==> flow/design.v <==
module adder_v2 #(
  parameter int BITS = 10,
  parameter int N = 4,
  parameter int OUT_W = BITS + $clog2(N)
) (
  input logic i_clk,
  input logic i_rst_n,
  input logic [N*BITS-1:0] d,
  output logic [OUT_W-1:0] o
);
  logic [N*BITS-1:0] r_d;
  wire [OUT_W-1:0] lvl [1:2*N-1];
  for (genvar gi = 0; gi < N; gi++) begin : stage
    assign lvl[N+gi] = r_d[gi*BITS +: BITS];
  end
  for (genvar gi = 1; gi < N; gi++) begin : lane
    assign lvl[gi] = lvl[2*gi] + lvl[2*gi+1];
  end
  assign o = lvl[1];
  always_ff @(posedge i_clk) begin
    if (!i_rst_n) begin
      r_d <= '0;
    end else begin
      r_d <= d;
    end
  end
endmodule
Reports on adder_v2
The steps from the RTL of adder_v2 to its reports follow in flow order.
Lines are those of the file above, counted from 1.
A cell with - has no value.

design
  design top = adder_v2
  clock = i_clk
  library = sky130hd
  timing corner = tt_025C_1v80

After elaboration
Yosys after proc, flatten, opt, wreduce and memory -nomap, before mapping. Enables and synchronous resets that opt folds into registers are not counted as muxes. Print and check cells are not counted. Equal cells are merged and count once.

storage and ports
  bits in registers = 40
  bits of input ports = 42
  output and inout port bits = 12
  cells after elaboration = 4

operators by class
  $add $sub $neg = 3

operators by type and width
  kind                                       number
  10-bit by 10-bit adder with 11-bit output  2
  12-bit adder                               1

Depth
Depth = most cells in a row (Yosys ltp): at word level without a register or memory, in the mapped netlist without a sequential cell, where the memories' decode and read muxes count.

logic depth
  word-level depth = 2
  ABC_AREA = 0
  depth in mapped cells = 12
  mapped depth without buffers = 11

After synthesis
The flow's flattened synthesis, as Yosys stat reports it; memories are mapped. The netlist is that of the ABC_AREA named above (0 if unset); the other value can give another one.

synthesis totals
  cells in the netlist = 271
  mapped area = 0.0024899 mm^2
  area of sequential cells = 0.0008008 mm^2
  mapped flip-flops = 40
  buffers = 7

cells by type
  cell                        number  area in all (um^2)
  sky130_fd_sc_hd__dfxtp_1    40      800.768
  sky130_fd_sc_hd__ha_1       31      387.872
  sky130_fd_sc_hd__and2_1     42      262.752
  sky130_fd_sc_hd__xnor2_1    14      122.618
  sky130_fd_sc_hd__a21o_1     11      82.579
  sky130_fd_sc_hd__a21oi_1    13      65.062
  sky130_fd_sc_hd__fa_1       3       60.058
  sky130_fd_sc_hd__xor2_1     6       52.55
  sky130_fd_sc_hd__nor2_1     13      48.797
  sky130_fd_sc_hd__inv_1      12      45.043
  sky130_fd_sc_hd__o211ai_1   6       45.043
  sky130_fd_sc_hd__o21ai_0    8       40.038
  sky130_fd_sc_hd__a211oi_1   5       37.536
  sky130_fd_sc_hd__o2111ai_1  4       35.034
  sky130_fd_sc_hd__nand2_1    8       30.029
  sky130_fd_sc_hd__nand3_1    6       30.029
  sky130_fd_sc_hd__nand2b_1   4       25.024
  sky130_fd_sc_hd__nor3_1     5       25.024

Not listed: further types 26, cells in them 40.

Timing after synthesis
Path of least setup slack by OpenSTA after synthesis, without wires, with an ideal clock, recovery checks aside; 20% of the period is set as input and as output delay. Where synthesis merged equal registers, the netlist keeps one of their names.

timing after synthesis
  path type = register to output
  start point = register r_d[20]
  end point = output port o[11]
  period = 4,150 ps
  external output delay = 830 ps
  launch time at the first pin = 0 ps
  arrival time = 2,655 ps
  required time = 3,320 ps
  slack = 665 ps
  delay of the path = 2,655 ps
  stages on the path = 13
  buffers on the path = 1
  synthesis period reached = 3,485 ps

"delay of the path" = arrival - input delay + setup time.
A path that ends at an output port has no setup time.
"stages on the path" counts driving pins, that of a launching flip-flop among them; a cell with two outputs on the path counts twice.
"synthesis period reached" is the clock period less the worst setup slack; recovery checks do not enter. This is arithmetic on one report: input and output delays are still those of the set period (20% each).
The rows between start and end are the longest chain of elaborated cells between them; the timing report does not say that the signal goes this way. Where chains are equally long, one stands for them.
A line is the first line of the expression or statement that the cell stems from. Yosys adds cells for indexed reads and writes and turns some case tables into memories.

between the ends, after synthesis
  cells stage by stage = sky130_fd_sc_hd__dfxtp_1 sky130_fd_sc_hd__ha_1 sky130_fd_sc_hd__fa_1 sky130_fd_sc_hd__a21o_1 sky130_fd_sc_hd__a21oi_2 sky130_fd_sc_hd__o221ai_1 sky130_fd_sc_hd__xor2_1 sky130_fd_sc_hd__ha_1 sky130_fd_sc_hd__buf_2 sky130_fd_sc_hd__a21o_1 sky130_fd_sc_hd__a21o_1 sky130_fd_sc_hd__a211oi_1 sky130_fd_sc_hd__o31ai_1
  length of the longest elaborated chain = 2
  elaborated cells between the ends (all ways) = 2
  RTL lines with such cells = 1
  classes of those cells = add/sub: 2

RTL lines, path after synthesis
  what                                       RTL line  source
  start, declared                            11        logic [N*BITS-1:0] r_d;
  start, assigned                            22        r_d <= '0;
  start, assigned                            24        r_d <= d;
  10-bit by 10-bit adder with 11-bit output  17        assign lvl[gi] = lvl[2*gi] + lvl[2*gi+1];
  12-bit adder                               17
  end, declared                              9         output logic [OUT_W-1:0] o

Timing after layout
Path of least setup slack in the final report of record 2 (OpenROAD, finished layout, wires in). Where an end is a register, its clock arrival counts in the times.
The path's times are printed in steps of 10 ps; the period is the one set.

timing post-layout
  path type = register to output
  start point = register r_d[0]
  end point = output port o[9]
  period = 4,150 ps
  external output delay = 830 ps
  launch time at the first pin = 280 ps
  arrival time = 3,180 ps
  required time = 3,320 ps
  slack = 140 ps
  stages on the path = 14
  buffers on the path = 2

The rows between start and end are the longest chain of elaborated cells between them; the timing report does not say that the signal goes this way. Where chains are equally long, one stands for them.

between the ends, post-layout
  cells stage by stage = sky130_fd_sc_hd__dfxtp_1 sky130_fd_sc_hd__ha_1 sky130_fd_sc_hd__fa_2 sky130_fd_sc_hd__a21o_1 sky130_fd_sc_hd__a21oi_2 sky130_fd_sc_hd__o21ai_1 sky130_fd_sc_hd__xor2_1 sky130_fd_sc_hd__ha_4 sky130_fd_sc_hd__buf_4 sky130_fd_sc_hd__a21oi_1 sky130_fd_sc_hd__o211a_1 sky130_fd_sc_hd__nor4b_2 sky130_fd_sc_hd__nand4b_1 sky130_fd_sc_hd__dlygate4sd2_1
  length of the longest elaborated chain = 2
  elaborated cells between the ends (all ways) = 2
  RTL lines with such cells = 1
  classes of those cells = add/sub: 2

RTL lines, path post-layout
  what                                       RTL line  source
  start, declared                            11        logic [N*BITS-1:0] r_d;
  start, assigned                            22        r_d <= '0;
  start, assigned                            24        r_d <= d;
  10-bit by 10-bit adder with 11-bit output  17        assign lvl[gi] = lvl[2*gi] + lvl[2*gi+1];
  12-bit adder                               17
  end, declared                              9         output logic [OUT_W-1:0] o

adder_v2 through Yosys and OpenROAD on sky130hd: 3 stored runs, unordered, with their settings and measured results. The constraints put input and output delay at 20% of the set period each and load the outputs with 0.01 pF.
"achieved clock period" = clock period - worst setup slack. The figure is calculated, with input and output delays left at 20% of the set period.
"time on the worst setup path" = time allowed to the worst setup path (clock period - input delay - output delay, where it has them) - its slack; a late launch clock adds to it, a late capture clock takes from it.
"overall power": no workload was simulated; the value follows from the tool's default switching activity.
"time on the worst setup path" is given in steps of 10 ps.
Among the settings, . means not set for that run.
Among the results, . means that no value is shown for the run.

setting or result                              record 1  record 2            record 3
period_ns                                      3.62      4.15                3.04
CORE_UTILIZATION                               71        40                  20
SETUP_SLACK_MARGIN                             -0.28     .                   -0.06
PLACE_DENSITY_LB_ADDON                         0.04      .                   0.01
CORE_ASPECT_RATIO                              0.6       .                   1.04
CORE_MARGIN                                    8         2                   2
CELL_PAD_IN_SITES_DETAIL_PLACEMENT             0         .                   .
ABC_AREA                                       0         .                   .
GPL_TIMING_DRIVEN                              0         .                   1
CTS_CLUSTER_SIZE                               66        .                   23
SLEW_MARGIN                                    5         20                  20
CAP_MARGIN                                     20        20                  20
CELL_PAD_IN_SITES_GLOBAL_PLACEMENT             .         .                   0
TNS_END_PERCENT                                .         .                   95
MIN_ROUTING_LAYER                              .         .                   met2
post-synthesis cell area (mm^2)                .         0.0024899           0.0024899
full die area (mm^2)                           .         0.0068716           0.013358
standard-cell area of the final layout (mm^2)  .         0.0033232           0.0041752
utilization                                    .         0.558               0.343
setup slack of the worst path (ps)             .         144                 -601
post-route setup TNS (ps)                      .         0                   -3,334
worst hold slack in the final report (ps)      .         1,040               888
overall power (mW)                             .         1.288               2.182
achieved clock period (ps)                     .         4,006               3,641
time on the worst setup path (ps)              .         3,180               3,030
class of the worst setup path                  .         register to output  register to output

Record 1: not finished: placement ended with error FLW-0024
